==> flow/design.v <==
module gen_mul #(
    parameter integer NBITS = 10
) (
    input wire core_clk,
    input wire RSTN,
    input wire [NBITS-1:0] rs1,
    input wire [NBITS-1:0] rs2,
    output wire [2*NBITS-1:0] result
);
    reg [NBITS-1:0] rs1_reg;
    reg [NBITS-1:0] rs2_reg;
    always @(posedge core_clk) begin
        if (~RSTN) begin
            rs1_reg <= 0;
            rs2_reg <= 0;
        end else begin
            rs1_reg <= rs1;
            rs2_reg <= rs2;
        end
    end
    localparam HALF = NBITS / 2;
    wire [NBITS-1:0] ll;
    mul_part #(.N(HALF)) unit (.a(rs1_reg[HALF-1:0]), .b(rs2_reg[HALF-1:0]), .p(ll));
    wire [NBITS-1:0] lh;
    mul_part #(.N(HALF)) u0 (.a(rs1_reg[HALF-1:0]), .b(rs2_reg[NBITS-1:HALF]), .p(lh));
    wire [NBITS-1:0] hl;
    mul_part #(.N(HALF)) u (.a(rs1_reg[NBITS-1:HALF]), .b(rs2_reg[HALF-1:0]), .p(hl));
    wire [NBITS-1:0] hh;
    mul_part #(.N(HALF)) inst (.a(rs1_reg[NBITS-1:HALF]), .b(rs2_reg[NBITS-1:HALF]), .p(hh));
    wire [NBITS:0] part;
    assign part = lh + hl;
    assign result = {hh, ll} + {part, {HALF{1'b0}}};
endmodule
module mul_part #(parameter N = 4) (
    input wire [N-1:0] a,
    input wire [N-1:0] b,
    output wire [2*N-1:0] p
);
    assign p = a * b;
endmodule
# From RTL to reports: gen_mul
# Module gen_mul in several versions that differ in "NBITS"; each step lists the members.
# The RTL above is that of NBITS 10; lines are counted from 1 in the file of the member named.
# Operators: Yosys type, input widths -> output width; for muxes data width and select width s.
# Cell names lack the library's common part.
# The mark -- stands for no value.
[setup] design="gen_mul" clk_port="core_clk" cell_library="sky130hd" lib_corner="tt_025C_1v80"

# Members of the sweep
# New or changed lines of each further member against the RTL above, in its own file; lines it lacks are not shown.
[src_changes] NBITS=16 line=2 text="parameter integer NBITS = 16"
[src_changes] NBITS=18 line=2 text="parameter integer NBITS = 18"
[src_changes] NBITS=20 line=2 text="parameter integer NBITS = 20"
[src_changes] NBITS=22 line=2 text="parameter integer NBITS = 22"

# Word level
# Counts by Yosys on the flattened word-level netlist (proc, flatten, opt, wreduce; memories kept). Register bits leave out memories and registers merged into their read ports (data or address); mux counts leave out enables and synchronous resets folded into registers. Print and check cells are left out. Cells with the same type and inputs are merged into one.
[classes] NBITS=10 addsub=2 n_mul=4
[classes] NBITS=16 addsub=2 n_mul=4
[classes] NBITS=18 addsub=2 n_mul=4
[classes] NBITS=20 addsub=2 n_mul=4
[classes] NBITS=22 addsub=2 n_mul=4
[op_table] NBITS=10 operators="$mul 5x5->10: 4; $add 20x16->20: 1; $add 10x10->11: 1"
[op_table] NBITS=16 operators="$mul 8x8->16: 4; $add 32x25->32: 1; $add 16x16->17: 1"
[op_table] NBITS=18 operators="$mul 9x9->18: 4; $add 36x28->36: 1; $add 18x18->19: 1"
[op_table] NBITS=20 operators="$mul 10x10->20: 4; $add 40x31->40: 1; $add 20x20->21: 1"
[op_table] NBITS=22 operators="$mul 11x11->22: 4; $add 44x34->44: 1; $add 22x22->23: 1"
[word_totals] NBITS=10 elab_cells=8 in_bits=22 ff_bits=20 out_inout_bits=20
[word_totals] NBITS=16 elab_cells=8 in_bits=34 ff_bits=32 out_inout_bits=32
[word_totals] NBITS=18 elab_cells=8 in_bits=38 ff_bits=36 out_inout_bits=36
[word_totals] NBITS=20 elab_cells=8 in_bits=42 ff_bits=40 out_inout_bits=40
[word_totals] NBITS=22 elab_cells=8 in_bits=46 ff_bits=44 out_inout_bits=44

# Logic depth
# Depth = most cells in a row (Yosys ltp): at word level without a register or memory, in the mapped netlist without a sequential cell, where the memories' decode and read muxes count.
[logic_depth] NBITS=10 word_depth=3 abc_area=0 mapped_depth=25 mapped_depth_nobuf=24
[logic_depth] NBITS=16 word_depth=3 abc_area=0 mapped_depth=29 mapped_depth_nobuf=28
[logic_depth] NBITS=18 word_depth=3 abc_area=0 mapped_depth=32 mapped_depth_nobuf=29
[logic_depth] NBITS=20 word_depth=3 abc_area=0 mapped_depth=33 mapped_depth_nobuf=32
[logic_depth] NBITS=22 word_depth=3 abc_area=0 mapped_depth=32 mapped_depth_nobuf=31

# Synthesis result
# Source: synth_stat.txt of the flow (Yosys; design flattened, memories mapped). It holds for the ABC_AREA given above (unset counts as 0); a run with the other value may have another netlist.
# The area totals of this step are shown rounded.
[synth_totals] NBITS=10 ff_cells=20 seq_area_um2=400 stdcells=489 mapped_area_um2=4290 buffers=13
[synth_totals] NBITS=16 ff_cells=32 seq_area_um2=641 stdcells=1218 mapped_area_um2=10400 buffers=37
[synth_totals] NBITS=18 ff_cells=36 seq_area_um2=721 stdcells=1451 mapped_area_um2=12500 buffers=52
[synth_totals] NBITS=20 ff_cells=40 seq_area_um2=801 stdcells=1801 mapped_area_um2=15700 buffers=84
[synth_totals] NBITS=22 ff_cells=44 seq_area_um2=881 stdcells=2111 mapped_area_um2=18600 buffers=93
[by_type] NBITS=10 type_list="fa_1: 50; ha_1: 79; and2_1: 81; dfxtp_1: 20; inv_1: 81; nand2_1: 43; xnor2_1: 17; xor2_1: 8; a21oi_1: 12; clkbuf_1: 13; o21ai_0: 9; nor2_1: 11; a21o_1: 5; o21a_1: 5; nor2b_1: 5; nand3b_1: 4; o21ai_1: 6; a21oi_2: 3; (+37)"
[by_type] NBITS=16 type_list="fa_1: 170; ha_1: 154; and2_1: 183; inv_1: 258; dfxtp_1: 32; nand2_1: 127; xnor2_1: 40; a21oi_1: 29; clkbuf_1: 36; nor2_1: 35; xor2_1: 12; o21ai_0: 19; o21a_1: 11; nor3_1: 16; a21o_1: 8; nor2b_1: 7; a211oi_1: 5; nand2b_1: 6; (+70)"
[by_type] NBITS=18 type_list="fa_1: 228; ha_1: 169; inv_1: 300; and2_1: 177; nand2_1: 209; dfxtp_1: 36; xnor2_1: 41; clkbuf_1: 50; a21oi_1: 32; xor2_1: 18; a21o_1: 20; nor2_1: 32; o21ai_0: 19; nor3_1: 17; a211oi_1: 7; o21a_1: 7; o31ai_1: 6; nand3_1: 8; (+75)"
[by_type] NBITS=20 type_list="fa_1: 284; ha_1: 232; and2_1: 255; inv_1: 351; dfxtp_1: 40; nand2_1: 208; xnor2_1: 64; clkbuf_1: 84; a21oi_1: 47; nor2_1: 48; a21o_1: 21; xor2_1: 17; o21ai_0: 26; o21a_1: 14; nand2b_1: 12; o21bai_1: 9; a211oi_1: 7; nor3_1: 10; (+72)"
[by_type] NBITS=22 type_list="fa_1: 360; ha_1: 255; and2_1: 293; inv_1: 440; nand2_1: 271; dfxtp_1: 44; xnor2_1: 60; clkbuf_1: 93; a21oi_1: 48; a21o_1: 27; xor2_1: 21; nor2_1: 39; o21ai_0: 23; o21a_1: 13; nor2b_1: 12; a211oi_1: 9; nor3_1: 13; a2111oi_4: 2; (+88)"
# A list marked (+n) leaves out that many cells.
# The figures by module come from a second, unflattened synthesis with its own total; it is not the netlist above.
[unflattened] NBITS=10 hier_cells=527 area_unflattened_um2=4610
[unflattened] NBITS=16 hier_cells=1291 area_unflattened_um2=11200
[unflattened] NBITS=18 hier_cells=1586 area_unflattened_um2=13500
[unflattened] NBITS=20 hier_cells=2013 area_unflattened_um2=16900
[unflattened] NBITS=22 hier_cells=2352 area_unflattened_um2=20000

# Timing after synthesis
# Source: OpenSTA report_checks on the synthesized netlist (no wires, ideal clock, input and output delay 20% of the period each), path of least setup slack; recovery checks are left aside. Register names are those of the netlist, which keeps one name where synthesis merged equal registers.
[synth_path] NBITS=10 path_kind="reg-to-output" start="reg rs2_reg[8]" end="out result[19]" delay_ns=5.638 path_slack_ns=1.410 stages=24 period_ns=8.81 synth_period_reached_ns=7.4
[synth_path] NBITS=16 path_kind="reg-to-output" start="reg rs1_reg[5]" end="out result[31]" delay_ns=6.947 path_slack_ns=1.773 stages=26 period_ns=10.9 synth_period_reached_ns=9.127
[synth_path] NBITS=18 path_kind="reg-to-output" start="reg rs1_reg[5]" end="out result[33]" delay_ns=7.113 path_slack_ns=1.767 stages=29 period_ns=11.1 synth_period_reached_ns=9.333
[synth_path] NBITS=20 path_kind="reg-to-output" start="reg rs1_reg[5]" end="out result[35]" delay_ns=7.160 path_slack_ns=1.800 stages=30 period_ns=11.2 synth_period_reached_ns=9.4
[synth_path] NBITS=22 path_kind="reg-to-output" start="reg rs1_reg[6]" end="out result[36]" delay_ns=7.708 path_slack_ns=1.892 stages=29 period_ns=12.0 synth_period_reached_ns=10.108
# "delay_ns" = arrival - input delay + setup time.
# A path that ends at an output port has no setup time.
# "stages" counts driving pins, that of a launching flip-flop among them; a cell with two outputs on the path counts twice.
# "synth_period_reached_ns" = period - worst setup slack (recovery checks aside). The figure is calculated, with input and output delays left at 20% of the set period.
# The rows between start and end are the longest chain of elaborated cells between them; the timing report does not say that the signal goes this way. Where chains are equally long, one stands for them.
# Each line given opens the expression or statement behind the cell; cells for indexed reads and writes are added by Yosys, which also makes memories of some case tables.
[synth_between_NBITS_10] elab_chain_len=3
[synth_lines_NBITS_10] element="start, declared" line=11 text="reg [NBITS-1:0] rs2_reg;"
[synth_lines_NBITS_10] element="start, assigned" line=15 text="rs2_reg <= 0;"
[synth_lines_NBITS_10] element="start, assigned" line=18 text="rs2_reg <= rs2;"
[synth_lines_NBITS_10] element="$mul 5x5->10" line=39 text="assign p = a * b;"
[synth_lines_NBITS_10] element="$add 10x10->11" line=31 text="assign part = lh + hl;"
[synth_lines_NBITS_10] element="$add 20x16->20" line=32 text="assign result = {hh, ll} + {part, {HALF{1'b0}}};"
[synth_lines_NBITS_10] element="end, declared" line=8 text="output wire [2*NBITS-1:0] result"
[synth_between_NBITS_22] elab_chain_len=3
[synth_lines_NBITS_22] element="start, declared" line=10 text="reg [NBITS-1:0] rs1_reg;"
[synth_lines_NBITS_22] element="start, assigned" line=14 text="rs1_reg <= 0;"
[synth_lines_NBITS_22] element="start, assigned" line=17 text="rs1_reg <= rs1;"
[synth_lines_NBITS_22] element="$mul 11x11->22" line=39 text="assign p = a * b;"
[synth_lines_NBITS_22] element="$add 22x22->23" line=31 text="assign part = lh + hl;"
[synth_lines_NBITS_22] element="$add 44x34->44" line=32 text="assign result = {hh, ll} + {part, {HALF{1'b0}}};"
[synth_lines_NBITS_22] element="end, declared" line=8 text="output wire [2*NBITS-1:0] result"

# Timing after layout
# From the final timing report of the run of each member: the path of least setup slack in the routed layout; clock arrival at registers is part of the times.
[layout_path] NBITS=10 path_kind="reg-to-output" start="reg rs2_reg[6]" end="out result[19]" n_path_buf=1 stages=24 t_arrival_ns=6.65 period_ns=8.81 path_slack_ns=0.40
[layout_path] NBITS=16 path_kind="reg-to-output" start="reg rs2_reg[10]" end="out result[28]" n_path_buf=1 stages=27 t_arrival_ns=8.28 period_ns=10.9 path_slack_ns=0.44
[layout_path] NBITS=18 path_kind="reg-to-output" start="reg rs1_reg[10]" end="out result[29]" n_path_buf=1 stages=29 t_arrival_ns=8.40 period_ns=11.1 path_slack_ns=0.48
[layout_path] NBITS=20 path_kind="reg-to-output" start="reg rs1_reg[7]" end="out result[32]" n_path_buf=1 stages=29 t_arrival_ns=8.48 period_ns=11.2 path_slack_ns=0.48
[layout_path] NBITS=22 path_kind="reg-to-output" start="reg rs1_reg[6]" end="out result[36]" n_path_buf=1 stages=29 t_arrival_ns=9.19 period_ns=12.0 path_slack_ns=0.41

# Measured runs
# One run of the flow (Yosys, OpenROAD) for each member, with settings and measured results. Input and output delays are each 20% of the period that was set; the output load is 0.01 pF.
[flow_settings] CAP_MARGIN=20 CORE_MARGIN=2 CORE_UTILIZATION=40 SLEW_MARGIN=20
[settings_diff] NBITS=10 period_ns=8.81
[settings_diff] NBITS=16 period_ns=10.9
[settings_diff] NBITS=18 period_ns=11.1
[settings_diff] NBITS=20 period_ns=11.2
[settings_diff] NBITS=22 period_ns=12.0
[measured] NBITS=10 post_synth_area_um2=4290 final_util_pct=47.5 worst_hold_slack_ns=2.06 die_area_um2=11600 achieved_period_ns=8.413 power_uw=419 tns_setup_ns=0.000 post_route_stdcell_area_um2=4920 worstSetupSlack_ns=0.397
[measured] NBITS=16 post_synth_area_um2=10400 final_util_pct=44.9 worst_hold_slack_ns=2.41 die_area_um2=27300 achieved_period_ns=10.461 power_uw=1050 tns_setup_ns=0.000 post_route_stdcell_area_um2=11600 worstSetupSlack_ns=0.439
[measured] NBITS=18 post_synth_area_um2=12500 final_util_pct=45.3 worst_hold_slack_ns=2.45 die_area_um2=32800 achieved_period_ns=10.623 power_uw=1360 tns_setup_ns=0.000 post_route_stdcell_area_um2=13900 worstSetupSlack_ns=0.477
[measured] NBITS=20 post_synth_area_um2=15700 final_util_pct=44.7 worst_hold_slack_ns=2.54 die_area_um2=40800 achieved_period_ns=10.717 power_uw=1780 tns_setup_ns=0.000 post_route_stdcell_area_um2=17300 worstSetupSlack_ns=0.483
[measured] NBITS=22 post_synth_area_um2=18600 final_util_pct=44.8 worst_hold_slack_ns=2.63 die_area_um2=48200 achieved_period_ns=11.594 power_uw=2300 tns_setup_ns=0.000 post_route_stdcell_area_um2=20500 worstSetupSlack_ns=0.406
# By "achieved_period_ns" is meant the clock period of the run minus its worst setup slack. This is arithmetic on one report: input and output delays are still those of the set period (20% each).
# "power_uw" rests on the timing tool's default activity at the inputs, not on a simulated workload.
# The results are shown rounded.
